==> flow/design.v <==
module adder #(
   parameter integer DATA_W = 72
) (
   input wire sys_clk,
   input wire [DATA_W-1:0] x_i,
   input wire [DATA_W-1:0] y_i,
   output wire [DATA_W:0] sum_o
);
   reg [DATA_W-1:0] x_ff;
   reg [DATA_W-1:0] y_ff;
   reg [DATA_W:0] sum_ff;
   always @(posedge sys_clk) begin
      x_ff <= x_i;
      y_ff <= y_i;
      sum_ff <= x_ff + y_ff;
   end
   assign sum_o = sum_ff;
endmodule
* Step by step through the tools: adder
Tool output for the design above, in the order of the flow.
Line numbers count from 1 in the design file above.
Operators carry their Yosys type and port widths (W data, S select, Z words).
Cell names lack the library's common part.
A cell with - has no value.
- Design top :: adder
- Clock port :: sys_clk
- Library :: sky130hd
- Corner :: tt_025C_1v80

* After elaboration
Counts by Yosys on the flattened word-level netlist (proc, flatten, opt, wreduce; memories kept). Register bits leave out memories and registers merged into their read ports (data or address); mux counts leave out enables and synchronous resets folded into registers. Print and check cells are left out. Cells with the same type and inputs are merged into one.
- Add/sub/neg operators :: 1
** Operators with widths (number)
- $add A72 B72 Y73 :: 1
- Cells after elaboration :: 4
- Register bits after elaboration :: 217

* Logic depth
Longest topological path by Yosys (ltp), each cell counted once; first at word level (registers and memories cut), then after technology mapping (sequential cells cut; the memories' decode and read muxes count).
- Word-level depth :: 1
- ABC_AREA :: 0
- Depth in mapped cells :: 11
- Mapped depth without buffers :: 11

* After synthesis
Source: synth_stat.txt of the flow (Yosys; design flattened, memories mapped). It holds for the ABC_AREA given above (unset counts as 0); a run with the other value may have another netlist.
The area totals of this step are shown rounded.
- Synthesis area :: 8715 µm²
- Mapped cells :: 869
- Buffer cells :: 21
- Flip-flops :: 217
** Cell types
- dfxtp_1 :: number 217, area in all 4.34E+03 µm²
- ha_1 :: number 72, area in all 900.864 µm²
- a21oi_1 :: number 99, area in all 495.475 µm²
- xnor2_1 :: number 34, area in all 297.786 µm²
- xor2_1 :: number 31, area in all 271.51 µm²
- a21o_1 :: number 36, area in all 270.259 µm²
- nand2_1 :: number 70, area in all 262.752 µm²
- o21ai_0 :: number 44, area in all 220.211 µm²
- nor2_1 :: number 51, area in all 191.434 µm²
- nand4_1 :: number 17, area in all 106.352 µm²
- o21bai_1 :: number 12, area in all 90.086 µm²
- inv_1 :: number 20, area in all 75.072 µm²
- o211ai_1 :: number 10, area in all 75.072 µm²
- o21a_1 :: number 10, area in all 75.072 µm²
- nor3_1 :: number 14, area in all 70.067 µm²
- a31oi_1 :: number 11, area in all 68.816 µm²
- a211oi_1 :: number 8, area in all 60.058 µm²
- clkbuf_1 :: number 16, area in all 60.058 µm²
Not listed: further types 46, cells in them 97.

* Timing after synthesis
Path of least setup slack by OpenSTA after synthesis, without wires, with an ideal clock, recovery checks aside; 20% of the period is set as input and as output delay. Where synthesis merged equal registers, the netlist keeps one of their names.
- Kind :: register to register
- Start point :: register x_ff[19]
- End point :: register sum_ff[47]
- Data required time :: 3115 ps
- Stages on the path :: 12
- Arrival :: 2465 ps
- Path buffers :: 1
- Setup time :: 125 ps
- Clock period :: 3240 ps
- Delay of the path :: 2590 ps
- Launch time at the first pin :: 0 ps
- Setup slack :: 650 ps
- Synthesis period reached :: 2590 ps
"delay of the path" is the arrival time less input delay plus setup time.
"stages on the path" counts driving pins, that of a launching flip-flop among them; a cell with two outputs on the path counts twice.
"synthesis period reached" is the clock period less the worst setup slack; recovery checks do not enter. This is arithmetic on one report: input and output delays are still those of the set period (20% each).
The rows between start and end are the longest chain of elaborated cells between them; the timing report does not say that the signal goes this way. Where chains are equally long, one stands for them.
Each line given opens the expression or statement behind the cell; cells for indexed reads and writes are added by Yosys, which also makes memories of some case tables.
- Path through :: dfxtp_1 ha_1 buf_2 nand4_2 or3_4 a2111oi_4 o311a_1 a211o_2 a21boi_2 o31a_4 o21ba_1 xnor2_1
- Cells in the longest elaborated chain :: 1
- Elaborated cells on any way between the ends :: 1
- Source lines of those cells :: 1
** Ends and longest elaborated chain, after synthesis
- from (decl) :: line 9 : reg [DATA_W-1:0] x_ff;
- from (assign) :: line 13 : x_ff <= x_i;
- $add A72 B72 Y73 :: line 15 : sum_ff <= x_ff + y_ff;
- to (assign) :: line 15
- to (decl) :: line 11 : reg [DATA_W:0] sum_ff;

* Path in the finished layout
From the final timing report of run 1: the path of least setup slack in the routed layout; clock arrival at registers is part of the times.
The path's times are printed in steps of 10 ps; the period is the one set.
- Kind :: register to register
- Start point :: register x_ff[17]
- End point :: register sum_ff[52]
- Data required time :: 3760 ps
- Path buffers :: 2
- Stages on the path :: 13
- Clock period :: 3330 ps
- Setup time :: 120 ps
- Arrival :: 3390 ps
- Setup slack :: 370 ps
- Launch time at the first pin :: 540 ps
The rows between start and end are the longest chain of elaborated cells between them; the timing report does not say that the signal goes this way. Where chains are equally long, one stands for them.
- Path through :: dfxtp_1 ha_1 buf_4 a211oi_1 o211ai_1 a21boi_0 o22a_1 o21a_1 o21ai_2 buf_4 a21oi_1 o21ai_0 xor2_1
- Cells in the longest elaborated chain :: 1
- Elaborated cells on any way between the ends :: 1
- Source lines of those cells :: 1
** Ends and longest elaborated chain, after layout
- from (decl) :: line 9 : reg [DATA_W-1:0] x_ff;
- from (assign) :: line 13 : x_ff <= x_i;
- $add A72 B72 Y73 :: line 15 : sum_ff <= x_ff + y_ff;
- to (assign) :: line 15
- to (decl) :: line 11 : reg [DATA_W:0] sum_ff;

Subject: adder on sky130hd, stored results

Hello all,

adder through Yosys and OpenROAD on sky130hd: 3 stored runs, unordered, with their settings and measured results. The constraints put input and output delay at 20% of the set period each and load the outputs with 0.01 pF.
"clock period reached" = clock period - worst setup slack. The figure is calculated, with input and output delays left at 20% of the set period.
By "time of the worst setup path" is meant the share of the clock period that the worst setup path is allowed (20% is reserved at inputs, 20% at outputs), minus its slack. Clock arrival times at its registers enter into it.
"total power after layout" rests on the timing tool's default activity at the inputs, not on a simulated workload.
"time of the worst setup path" is known to 10 ps.
Measured values are rounded.

* Run 1
** Files
==> flow/run.sh <==
#!/bin/bash
# the make line also repeats the synthesis and layout settings of config.mk as NAME=value (left out here)
make -C /OpenROAD-flow-scripts/flow DESIGN_CONFIG=/design/flow/config.mk WORK_HOME=/design/flow/orfs CLKGATE_MAP_FILE= finish
==> flow/config.mk <==
export PLATFORM = sky130hd
export DESIGN_NAME = adder
export DESIGN_NICKNAME = adder
export VERILOG_FILES = /design/flow/design.v
export SDC_FILE = /design/flow/constraint.sdc
export NUM_CORES = 4
export LEC_CHECK = 0
export CAP_MARGIN = 20
export CELL_PAD_IN_SITES_GLOBAL_PLACEMENT = 3
export CORE_ASPECT_RATIO = 0.73
export CORE_MARGIN = 2
export CORE_UTILIZATION = 20
export MAX_ROUTING_LAYER = met5
export SETUP_SLACK_MARGIN = 0.27
export SLEW_MARGIN = 20
==> flow/constraint.sdc <==
create_clock -name core_clock -period 3.33 [get_ports {sys_clk}]
set_input_delay 0.6660 -clock core_clock [delete_from_list [all_inputs] [get_ports {sys_clk}]]
set_output_delay 0.6660 -clock core_clock [all_outputs]
set_load 0.01 [all_outputs]
** Results
- Time of the worst setup path :: 2960 ps
- Worst path kind :: register to register
- Std-cell area (final layout) :: 12590 µm²
- Utilization of the finished layout :: 0.292
- Mapped cell area after synthesis :: 8715 µm²
- Clock period reached :: 2960 ps
- Smallest hold slack :: 456 ps
- Area inside the die boundary :: 45280 µm²
- Total power after layout :: 7477 uW
- Sum of negative setup slack :: 0 ps
- Worst slack on setup checks :: 370 ps

* Run 2
** Files
==> flow/run.sh <==
#!/bin/bash
# the make line also repeats the synthesis and layout settings of config.mk as NAME=value (left out here)
make -C /OpenROAD-flow-scripts/flow DESIGN_CONFIG=/design/flow/config.mk WORK_HOME=/design/flow/orfs CLKGATE_MAP_FILE= finish
==> flow/config.mk <==
export PLATFORM = sky130hd
export DESIGN_NAME = adder
export DESIGN_NICKNAME = adder
export VERILOG_FILES = /design/flow/design.v
export SDC_FILE = /design/flow/constraint.sdc
export NUM_CORES = 4
export LEC_CHECK = 0
export CAP_MARGIN = 20
export CORE_ASPECT_RATIO = 1.33
export CORE_MARGIN = 2
export CORE_UTILIZATION = 47
export CTS_CLUSTER_DIAMETER = 364
export CTS_CLUSTER_SIZE = 80
export GPL_ROUTABILITY_DRIVEN = 0
export MIN_ROUTING_LAYER = met2
export PLACE_DENSITY_LB_ADDON = 0.08
export SETUP_SLACK_MARGIN = 0.73
export SLEW_MARGIN = 35
export TNS_END_PERCENT = 55
==> flow/constraint.sdc <==
create_clock -name core_clock -period 3.55 [get_ports {sys_clk}]
set_input_delay 0.7100 -clock core_clock [delete_from_list [all_inputs] [get_ports {sys_clk}]]
set_output_delay 0.7100 -clock core_clock [all_outputs]
set_load 0.01 [all_outputs]
** Results
- Time of the worst setup path :: 2790 ps
- Worst path kind :: register to register
- Std-cell area (final layout) :: 11840 µm²
- Utilization of the finished layout :: 0.649
- Mapped cell area after synthesis :: 8715 µm²
- Clock period reached :: 2790 ps
- Smallest hold slack :: 498 ps
- Area inside the die boundary :: 19660 µm²
- Total power after layout :: 5494 uW
- Sum of negative setup slack :: 0 ps
- Worst slack on setup checks :: 760 ps

* Run 3
** Files
==> flow/run.sh <==
#!/bin/bash
# the make line also repeats the synthesis and layout settings of config.mk as NAME=value (left out here)
make -C /OpenROAD-flow-scripts/flow DESIGN_CONFIG=/design/flow/config.mk WORK_HOME=/design/flow/orfs CLKGATE_MAP_FILE= finish
==> flow/config.mk <==
export PLATFORM = sky130hd
export DESIGN_NAME = adder
export DESIGN_NICKNAME = adder
export VERILOG_FILES = /design/flow/design.v
export SDC_FILE = /design/flow/constraint.sdc
export NUM_CORES = 4
export LEC_CHECK = 0
export CAP_MARGIN = 20
export CORE_MARGIN = 2
export CORE_UTILIZATION = 40
export SLEW_MARGIN = 20
==> flow/constraint.sdc <==
create_clock -name core_clock -period 3.24 [get_ports {sys_clk}]
set_input_delay 0.6480 -clock core_clock [delete_from_list [all_inputs] [get_ports {sys_clk}]]
set_output_delay 0.6480 -clock core_clock [all_outputs]
set_load 0.01 [all_outputs]
** Results
- Time of the worst setup path :: 2980 ps
- Worst path kind :: register to register
- Std-cell area (final layout) :: 12080 µm²
- Utilization of the finished layout :: 0.559
- Mapped cell area after synthesis :: 8715 µm²
- Clock period reached :: 2985 ps
- Smallest hold slack :: 447 ps
- Area inside the die boundary :: 22980 µm²
- Total power after layout :: 7689 uW
- Sum of negative setup slack :: 0 ps
- Worst slack on setup checks :: 255 ps

Thanks
